==> flow/design.v <==
module plus_blk #(
    parameter W = 4
) (
    input  logic CLK,
    input  logic nrst,
    input  logic [W-1:0] src1,
    input  logic [W-1:0] src2,
    input  logic [W-1:0] src3,
    output logic [W+1:0] s
);
    logic [W-1:0] src1_r;
    logic [W-1:0] src2_r;
    logic [W-1:0] src3_r;
    always_ff @(posedge CLK) begin
        if (!nrst) begin
            src1_r <= 0;
            src2_r <= 0;
            src3_r <= 0;
        end else begin
            src1_r <= src1;
            src2_r <= src2;
            src3_r <= src3;
        end
    end
    assign s = src1_r + src2_r + src3_r;
endmodule
Step by step through the tools: plus_blk
The steps from the RTL of plus_blk to its reports follow in flow order. Line numbers count from 1 in the design file above. Library cell names are shortened. A cell with n/a has no value.

Design top: plus_blk. Clock input: CLK. Standard-cell library: sky130hd. Timing corner: tt_025C_1v80.

Elaborated design
Source: Yosys, flattened and elaborated, memories not mapped. Widths are those after wreduce; folded enables and synchronous resets count as part of the registers. Registers that Yosys merges into a memory's read port (data or address) are not register bits. Print and check cells do not count. Equal cells are merged and count once.

The entry for input port bits reads 14. Under word-level cells stands 5. Under flip-flop bits (word level) stands 12. The figure for output and inout bits is 6.

The entry for add/sub/neg operators reads 2.

Operators with widths (count): adder 5 x 4 -> 6 bit (1); adder 4 x 4 -> 5 bit (1).

Longest topological paths
Yosys ltp: most cells in a row. Word level: on the elaborated netlist, between registers, memories and ports. Mapped: between sequential cells and ports; inverters and the memories' decode and read muxes count.

The figure for depth in word-level cells is 2. The entry for ABC_AREA reads 0. Mapped depth: 9. The figure for gate-level depth less buffers is 9.

Synthesis result
The flow's flattened synthesis, as Yosys stat reports it; memories are mapped. The netlist is that of the ABC_AREA named above (0 if unset); the other value can give another one. Totals and module areas in this step are rounded.

Cells by type: dfxtp_1 (count 12, total area 240.23 um^2); fa_1 (count 5, total area 100.096 um^2); and2_1 (count 12, total area 75.072 um^2); inv_1 (count 14, total area 52.55 um^2); ha_1 (count 3, total area 37.536 um^2); a21oi_2 (count 1, total area 8.758 um^2); xnor2_1 (count 1, total area 8.758 um^2); xor2_1 (count 1, total area 8.758 um^2); a21o_1 (count 1, total area 7.507 um^2); a21oi_1 (count 1, total area 5.005 um^2); clkbuf_1 (count 1, total area 3.754 um^2); nor2_1 (count 1, total area 3.754 um^2).

The entry for buffers reads 1. The entry for standard cells after synthesis reads 53. Flip-flops: 12. For synthesis area the number is 552 um^2. The figure for sequential area is 240 um^2.

Worst setup path after synthesis
OpenSTA on the mapped netlist: ideal clock, no wires. The path of least setup slack (recovery checks aside). Input and output delay are each 20% of the period. Register names are those of the netlist, which keeps one name where synthesis merged equal registers.

Kind: register to output. Start: register src1_r[1]. End: output port s[5]. Under delay of the path stands 1692 ps. For stages on the path the number is 8. The figure for time at the first pin is 0 ps. Under path slack stands 420 ps. The entry for buffers on the path reads 0. The entry for arrival reads 1692 ps. The figure for output delay is 528 ps. Under required time stands 2112 ps. Clock period: 2640 ps. Period reached after synthesis: 2220 ps.

"delay of the path" = arrival - input delay + setup time. A path that ends at an output port has no setup time. "stages on the path": output pins that drive a net of the path, with the launching flip-flop's if there is one; two outputs of one cell count as two. "period reached after synthesis" = period - worst setup slack (recovery checks aside). The figure is calculated, with input and output delays left at 20% of the set period. Between the ends stands the longest chain of elaborated cells between them, by number of cells; it is not shown to be the way that was timed. Of several equally long chains one is given. Each line given opens the expression or statement behind the cell; cells for indexed reads and writes are added by Yosys, which also makes memories of some case tables.

Cells stage by stage: dfxtp_1 fa_1 ha_1 inv_1 fa_1 inv_1 a21oi_1 nor2_1. Under cells in the longest elaborated chain stands 2. Elaborated cells on any way between the ends: 2. For source lines of those cells the number is 1. Classes of those cells: add/sub: 2.

Ends and longest elaborated chain, after synthesis: start, declared (line 11) `logic [W-1:0] src1_r;`; start, assigned (line 16) `src1_r <= 0;`; start, assigned (line 20) `src1_r <= src1;`; adder 4 x 4 -> 5 bit (line 25) `assign s = src1_r + src2_r + src3_r;`; adder 5 x 4 -> 6 bit (line 25); end, declared (line 9) `output logic [W+1:0] s`.

Path in the finished layout
Path of least setup slack in the final report of flow run A (OpenROAD, finished layout, wires in). Where an end is a register, its clock arrival counts in the times. The path's times are printed in steps of 10 ps; the period is the one set.

Kind: register to output. Start: register src1_r[1]. End: output port s[5]. The figure for time at the first pin is 270 ps. The figure for output delay is 500 ps. Under path slack stands -40 ps. For stages on the path the number is 9. The entry for arrival reads 2020 ps. Under required time stands 1980 ps. The entry for buffers on the path reads 1. Clock period: 2480 ps.

Between the ends stands the longest chain of elaborated cells between them, by number of cells; it is not shown to be the way that was timed. Of several equally long chains one is given.

Cells stage by stage: dfxtp_2 fa_1 ha_2 inv_2 fa_2 inv_1 a21oi_2 nor2_1 buf_2. Under cells in the longest elaborated chain stands 2. Elaborated cells on any way between the ends: 2. For source lines of those cells the number is 1. Classes of those cells: add/sub: 2.

Ends and longest elaborated chain, post-layout: start, declared (line 11) `logic [W-1:0] src1_r;`; start, assigned (line 16) `src1_r <= 0;`; start, assigned (line 20) `src1_r <= src1;`; adder 4 x 4 -> 5 bit (line 25) `assign s = src1_r + src2_r + src3_r;`; adder 5 x 4 -> 6 bit (line 25); end, declared (line 9) `output logic [W+1:0] s`.

Ticket comment

Measured data: module plus_blk, platform sky130hd, 3 stored runs of the flow under differing settings, order arbitrary. Input and output delays are each 20% of the period that was set; the output load is 0.01 pF. The results are shown rounded.

Files of flow run A:
==> flow/run.sh <==
#!/bin/bash
# the make line also repeats the synthesis and layout settings of config.mk as NAME=value (left out here)
make -C /OpenROAD-flow-scripts/flow DESIGN_CONFIG=/design/flow/config.mk WORK_HOME=/design/flow/orfs CLKGATE_MAP_FILE= finish
==> flow/config.mk <==
export PLATFORM = sky130hd
export DESIGN_NAME = plus_blk
export DESIGN_NICKNAME = plus_blk
export VERILOG_FILES = /design/flow/design.v
export SDC_FILE = /design/flow/constraint.sdc
export NUM_CORES = 4
export LEC_CHECK = 0
export ABC_AREA = 0
export CAP_MARGIN = 20
export CORE_MARGIN = 2
export CORE_UTILIZATION = 18
export CTS_CLUSTER_SIZE = 70
export GPL_ROUTABILITY_DRIVEN = 1
export MAX_ROUTING_LAYER = met4
export PLACE_DENSITY_LB_ADDON = 0.15
export SLEW_MARGIN = 20
export TNS_END_PERCENT = 65
==> flow/constraint.sdc <==
create_clock -name core_clock -period 2.48 [get_ports {CLK}]
set_input_delay 0.4960 -clock core_clock [delete_from_list [all_inputs] [get_ports {CLK}]]
set_output_delay 0.4960 -clock core_clock [all_outputs]
set_load 0.01 [all_outputs]

Results of flow run A. For the post-route utilization the run shows 0.277. The measured full die area is 3520 um^2. For the setup total negative slack the run shows -52 ps. The setup slack of the critical path comes to -35 ps. The post-synthesis cell area is 552 um^2. The worst hold slack in the final report stands at 782 ps.

Files of flow run B:
==> flow/run.sh <==
#!/bin/bash
# the make line also repeats the synthesis and layout settings of config.mk as NAME=value (left out here)
make -C /OpenROAD-flow-scripts/flow DESIGN_CONFIG=/design/flow/config.mk WORK_HOME=/design/flow/orfs CLKGATE_MAP_FILE= finish
==> flow/config.mk <==
export PLATFORM = sky130hd
export DESIGN_NAME = plus_blk
export DESIGN_NICKNAME = plus_blk
export VERILOG_FILES = /design/flow/design.v
export SDC_FILE = /design/flow/constraint.sdc
export NUM_CORES = 4
export LEC_CHECK = 0
export ABC_AREA = 1
export CAP_MARGIN = 20
export CELL_PAD_IN_SITES_DETAIL_PLACEMENT = 2
export CORE_ASPECT_RATIO = 0.57
export CORE_MARGIN = 2
export CORE_UTILIZATION = 24
export PLACE_DENSITY_LB_ADDON = 0.15
export SETUP_SLACK_MARGIN = 0.4
export SLEW_MARGIN = 20
==> flow/constraint.sdc <==
create_clock -name core_clock -period 1.37 [get_ports {CLK}]
set_input_delay 0.2740 -clock core_clock [delete_from_list [all_inputs] [get_ports {CLK}]]
set_output_delay 0.2740 -clock core_clock [all_outputs]
set_load 0.01 [all_outputs]

Results of flow run B. For the post-route utilization the run shows 0.41. The measured full die area is 2830 um^2. For the setup total negative slack the run shows -4140 ps. The setup slack of the critical path comes to -930 ps. The post-synthesis cell area is 578 um^2. The worst hold slack in the final report stands at 551 ps.

Files of flow run C:
==> flow/run.sh <==
#!/bin/bash
# the make line also repeats the synthesis and layout settings of config.mk as NAME=value (left out here)
make -C /OpenROAD-flow-scripts/flow DESIGN_CONFIG=/design/flow/config.mk WORK_HOME=/design/flow/orfs CLKGATE_MAP_FILE= finish
==> flow/config.mk <==
export PLATFORM = sky130hd
export DESIGN_NAME = plus_blk
export DESIGN_NICKNAME = plus_blk
export VERILOG_FILES = /design/flow/design.v
export SDC_FILE = /design/flow/constraint.sdc
export NUM_CORES = 4
export LEC_CHECK = 0
export CAP_MARGIN = 20
export CORE_MARGIN = 2
export CORE_UTILIZATION = 40
export SLEW_MARGIN = 20
==> flow/constraint.sdc <==
create_clock -name core_clock -period 2.64 [get_ports {CLK}]
set_input_delay 0.5280 -clock core_clock [delete_from_list [all_inputs] [get_ports {CLK}]]
set_output_delay 0.5280 -clock core_clock [all_outputs]
set_load 0.01 [all_outputs]

Results of flow run C. For the post-route utilization the run shows 0.605. The measured full die area is 1690 um^2. For the setup total negative slack the run shows 0 ps. The setup slack of the critical path comes to 108 ps. The post-synthesis cell area is 552 um^2. The worst hold slack in the final report stands at 816 ps.
